==> flow/design.v <==
module subtractor_rtl #(
    parameter integer W = 6
) (
    input  wire clk,
    input  wire resetn,
    input  wire signed [W-1:0] A,
    input  wire signed [W-1:0] B,
    input  wire minus,
    output reg [W-1:0] d,
    output reg co
);
    wire [W-1:0] aux;
    assign aux = B ^ {W{minus}};
    wire [W-1:0] r;
    assign r = $unsigned(A) + aux + minus;
    always @(posedge clk or negedge resetn) begin
        if (!resetn) begin
            d <= 0;
            co <= 1'b0;
        end else begin
            d <= r[W-1:0];
            co <= (A[W-1] == aux[W-1]) && (r[W-1] != A[W-1]);
        end
    end
endmodule
### Reports on subtractor_rtl

What the tools print for subtractor_rtl, step after step.
Lines are those of the file above, counted from 1.
Operators: Yosys type, input widths -> output width; for muxes data width and select width s.
Cell names lack the library's common part.
Not given: --

* top module: subtractor_rtl
* clock port: clk
* library: sky130hd
* timing corner: tt_025C_1v80

### Word-level counts

Yosys after proc, flatten, opt, wreduce and memory -nomap, before mapping. Enables and synchronous resets that opt folds into registers are not counted as muxes. Memory bits, and registers merged into a memory's read port (data or address), are not among the register bits. Print and check cells are not counted. Equal cells are merged and count once.

* register bits: 7
* input port bits: 15
* output and inout port bits: 7
* word-level cells: 8

* add/subtract/negate cells: 2
* equal/unequal tests: 2
* bitwise operators: 1
* reductions and logical operators: 1

Operator list (number)
* $add 6x1->6: 1
* $add 6x6->6: 1
* $xor 6x6->6: 1
* $eq 1x1->1: 1
* $ne 1x1->1: 1
* $logic_and 1x1->1: 1

### Longest topological paths

Depth = most cells in a row (Yosys ltp): at word level without a register or memory, in the mapped netlist without a sequential cell, where the memories' decode and read muxes count.

* word-level depth: 5
* ABC_AREA: 0
* gate-level depth with buffers: 8
* gate-level depth less buffers: 7

### Netlist

Yosys stat after the flow's synthesis: flattened, memories mapped to cells. It holds for the ABC_AREA given above (unset counts as 0); a run with the other value may have another netlist.

* cells in the netlist: 42
* mapped area: 0.0004705 mm^2
* area of sequential cells: 0.0001752 mm^2
* flip-flops: 7
* buffer cells: 1

Cell types
* dfrtp_1: number 7, total area 175.168 um^2
* xor2_1: number 7, total area 61.309 um^2
* ha_1: number 4, total area 50.048 um^2
* xnor2_1: number 3, total area 26.275 um^2
* a31oi_4: number 1, total area 21.27 um^2
* fa_1: number 1, total area 20.019 um^2
* inv_1: number 5, total area 18.768 um^2
* a21oi_1: number 3, total area 15.014 um^2
* and3_4: number 1, total area 11.261 um^2
* buf_6: number 1, total area 11.261 um^2
* mux2_2: number 1, total area 11.261 um^2
* mux2i_1: number 1, total area 10.01 um^2
* a21o_1: number 1, total area 7.507 um^2
* nand2_1: number 2, total area 7.507 um^2
* and2_1: number 1, total area 6.256 um^2
* nand2b_1: number 1, total area 6.256 um^2
* or2_0: number 1, total area 6.256 um^2
* o21ai_1: number 1, total area 5.005 um^2

### Timing after synthesis

Path of least setup slack by OpenSTA after synthesis, without wires, with an ideal clock, recovery checks aside; 20% of the period is set as input and as output delay. Where synthesis merged equal registers, the netlist keeps one of their names.

* kind: input -> register
* start point: input minus
* end point: register co
* period: 2050 ps
* input delay: 410 ps
* setup time: 79 ps
* time at the first pin: 410 ps
* arrival: 1645 ps
* setup slack: 325 ps
* path delay: 1314 ps
* stages: 7
* path buffers: 1
* period reached after synthesis: 1725 ps

"path delay" is the arrival time less input delay plus setup time.
"stages" counts driving pins, that of a launching flip-flop among them; a cell with two outputs on the path counts twice.
"period reached after synthesis" = period - worst setup slack (recovery checks aside). The figure is calculated, with input and output delays left at 20% of the set period.
The rows between start and end are the longest chain of elaborated cells between them; the timing report does not say that the signal goes this way. Where chains are equally long, one stands for them.
Each line given opens the expression or statement behind the cell; cells for indexed reads and writes are added by Yosys, which also makes memories of some case tables.

* path through: buf_6 xor2_1 ha_1 a21oi_1 o21ai_1 a31oi_4 mux2i_1
* cells in the longest elaborated chain: 5

RTL lines, path post-synthesis
* start, declared: line 8 `input  wire minus,`
* $xor 6x6->6: line 13 `assign aux = B ^ {W{minus}};`
* $add 6x6->6: line 15 `assign r = $unsigned(A) + aux + minus;`
* $add 6x1->6: line 15
* $ne 1x1->1: line 22 `co <= (A[W-1] == aux[W-1]) && (r[W-1] != A[W-1]);`
* $logic_and 1x1->1: line 22
* end, assigned: line 19 `co <= 1'b0;`
* end, assigned: line 22
* end, declared: line 10 `output reg co`

### Worst path after layout

From the final timing report of record 1: the path of least setup slack in the routed layout; clock arrival at registers is part of the times.
The path's times are printed in steps of 10 ps; the period is the one set.

* kind: input -> register
* start point: input B[0]
* end point: register d[4]
* period: 2050 ps
* input delay: 410 ps
* setup time: 70 ps
* time at the first pin: 410 ps
* arrival: 2030 ps
* setup slack: 190 ps
* stages: 8
* path buffers: 1

The rows between start and end are the longest chain of elaborated cells between them; the timing report does not say that the signal goes this way. Where chains are equally long, one stands for them.

* path through: clkdlybuf4s50_1 mux2_2 inv_1 fa_1 inv_1 a21o_1 a21oi_1 xnor2_1
* cells in the longest elaborated chain: 3

RTL lines, path post-layout
* start, declared: line 7 `input  wire signed [W-1:0] B,`
* $xor 6x6->6: line 13 `assign aux = B ^ {W{minus}};`
* $add 6x6->6: line 15 `assign r = $unsigned(A) + aux + minus;`
* $add 6x1->6: line 15
* end, assigned: line 18 `d <= 0;`
* end, assigned: line 21 `d <= r[W-1:0];`
* end, declared: line 9 `output reg [W-1:0] d,`

Hand-over note for subtractor_rtl

Flow measurements of subtractor_rtl on sky130hd: 3 stored runs with different settings, listed in no order. Input and output delays are each 20% of the period that was set; the output load is 0.01 pF.
"achieved period" is the run's clock period less its worst setup slack. It is reckoned from that one timing run; input and output delays stay at 20% of the period that was set.
"critical setup path time" means the part of the period allowed to the worst setup path (the constraints hold back 20% at inputs and 20% at outputs) less its slack; where the path has registers, the arrival times of their clocks count too.
"total power after layout": no workload was simulated; the value follows from the tool's default switching activity.
"critical setup path time" is given in steps of 10 ps.

### Record 1

==> flow/run.sh <==
#!/bin/bash
# the make line also repeats the synthesis and layout settings of config.mk as NAME=value (left out here)
make -C /OpenROAD-flow-scripts/flow DESIGN_CONFIG=/design/flow/config.mk WORK_HOME=/design/flow/orfs CLKGATE_MAP_FILE= finish
==> flow/config.mk <==
export PLATFORM = sky130hd
export DESIGN_NAME = subtractor_rtl
export DESIGN_NICKNAME = subtractor_rtl
export VERILOG_FILES = /design/flow/design.v
export SDC_FILE = /design/flow/constraint.sdc
export NUM_CORES = 4
export LEC_CHECK = 0
export CAP_MARGIN = 20
export CORE_MARGIN = 2
export CORE_UTILIZATION = 40
export SLEW_MARGIN = 20
==> flow/constraint.sdc <==
create_clock -name core_clock -period 2.05 [get_ports {clk}]
set_input_delay 0.4100 -clock core_clock [delete_from_list [all_inputs] [get_ports {clk}]]
set_output_delay 0.4100 -clock core_clock [all_outputs]
set_load 0.01 [all_outputs]

Results of record 1:
- Utilization of the finished layout: 71.1%
- Full die area: 0.0014665 mm^2
- Critical setup path time: 1450 ps
- Critical path type: input -> register
- Total power after layout: 0.0005462 W
- Standard-cell area after layout: 0.0007795 mm^2
- Total negative slack: 0 ps
- Achieved period: 1858 ps
- Synthesized cell area: 0.0004705 mm^2
- Worst setup slack after layout: 192 ps

### Record 2

==> flow/run.sh <==
#!/bin/bash
# the make line also repeats the synthesis and layout settings of config.mk as NAME=value (left out here)
make -C /OpenROAD-flow-scripts/flow DESIGN_CONFIG=/design/flow/config.mk WORK_HOME=/design/flow/orfs CLKGATE_MAP_FILE= finish
==> flow/config.mk <==
export PLATFORM = sky130hd
export DESIGN_NAME = subtractor_rtl
export DESIGN_NICKNAME = subtractor_rtl
export VERILOG_FILES = /design/flow/design.v
export SDC_FILE = /design/flow/constraint.sdc
export NUM_CORES = 4
export LEC_CHECK = 0
export CAP_MARGIN = 0
export CELL_PAD_IN_SITES_DETAIL_PLACEMENT = 1
export CELL_PAD_IN_SITES_GLOBAL_PLACEMENT = 3
export CORE_MARGIN = 2
export CORE_UTILIZATION = 67
export GPL_ROUTABILITY_DRIVEN = 0
export MIN_ROUTING_LAYER = met2
export SETUP_SLACK_MARGIN = 0.35
export SLEW_MARGIN = 20
export TNS_END_PERCENT = 15
==> flow/constraint.sdc <==
create_clock -name core_clock -period 1.85 [get_ports {clk}]
set_input_delay 0.3700 -clock core_clock [delete_from_list [all_inputs] [get_ports {clk}]]
set_output_delay 0.3700 -clock core_clock [all_outputs]
set_load 0.01 [all_outputs]

Outcome of record 2: no final report: floorplanning broke off with PDN-0185

### Record 3

==> flow/run.sh <==
#!/bin/bash
# the make line also repeats the synthesis and layout settings of config.mk as NAME=value (left out here)
make -C /OpenROAD-flow-scripts/flow DESIGN_CONFIG=/design/flow/config.mk WORK_HOME=/design/flow/orfs CLKGATE_MAP_FILE= finish
==> flow/config.mk <==
export PLATFORM = sky130hd
export DESIGN_NAME = subtractor_rtl
export DESIGN_NICKNAME = subtractor_rtl
export VERILOG_FILES = /design/flow/design.v
export SDC_FILE = /design/flow/constraint.sdc
export NUM_CORES = 4
export LEC_CHECK = 0
export CAP_MARGIN = 20
export CELL_PAD_IN_SITES_DETAIL_PLACEMENT = 0
export CORE_ASPECT_RATIO = 1.75
export CORE_MARGIN = 4
export CORE_UTILIZATION = 49
export CTS_CLUSTER_DIAMETER = 146
export GPL_TIMING_DRIVEN = 0
export MAX_ROUTING_LAYER = met4
export MIN_ROUTING_LAYER = met2
export PLACE_DENSITY = 0.37
export SETUP_SLACK_MARGIN = 0.42
export SLEW_MARGIN = 0
==> flow/constraint.sdc <==
create_clock -name core_clock -period 1.4 [get_ports {clk}]
set_input_delay 0.2800 -clock core_clock [delete_from_list [all_inputs] [get_ports {clk}]]
set_output_delay 0.2800 -clock core_clock [all_outputs]
set_load 0.01 [all_outputs]

Outcome of record 3: no final report: floorplanning broke off with PDN-0185

End of note.
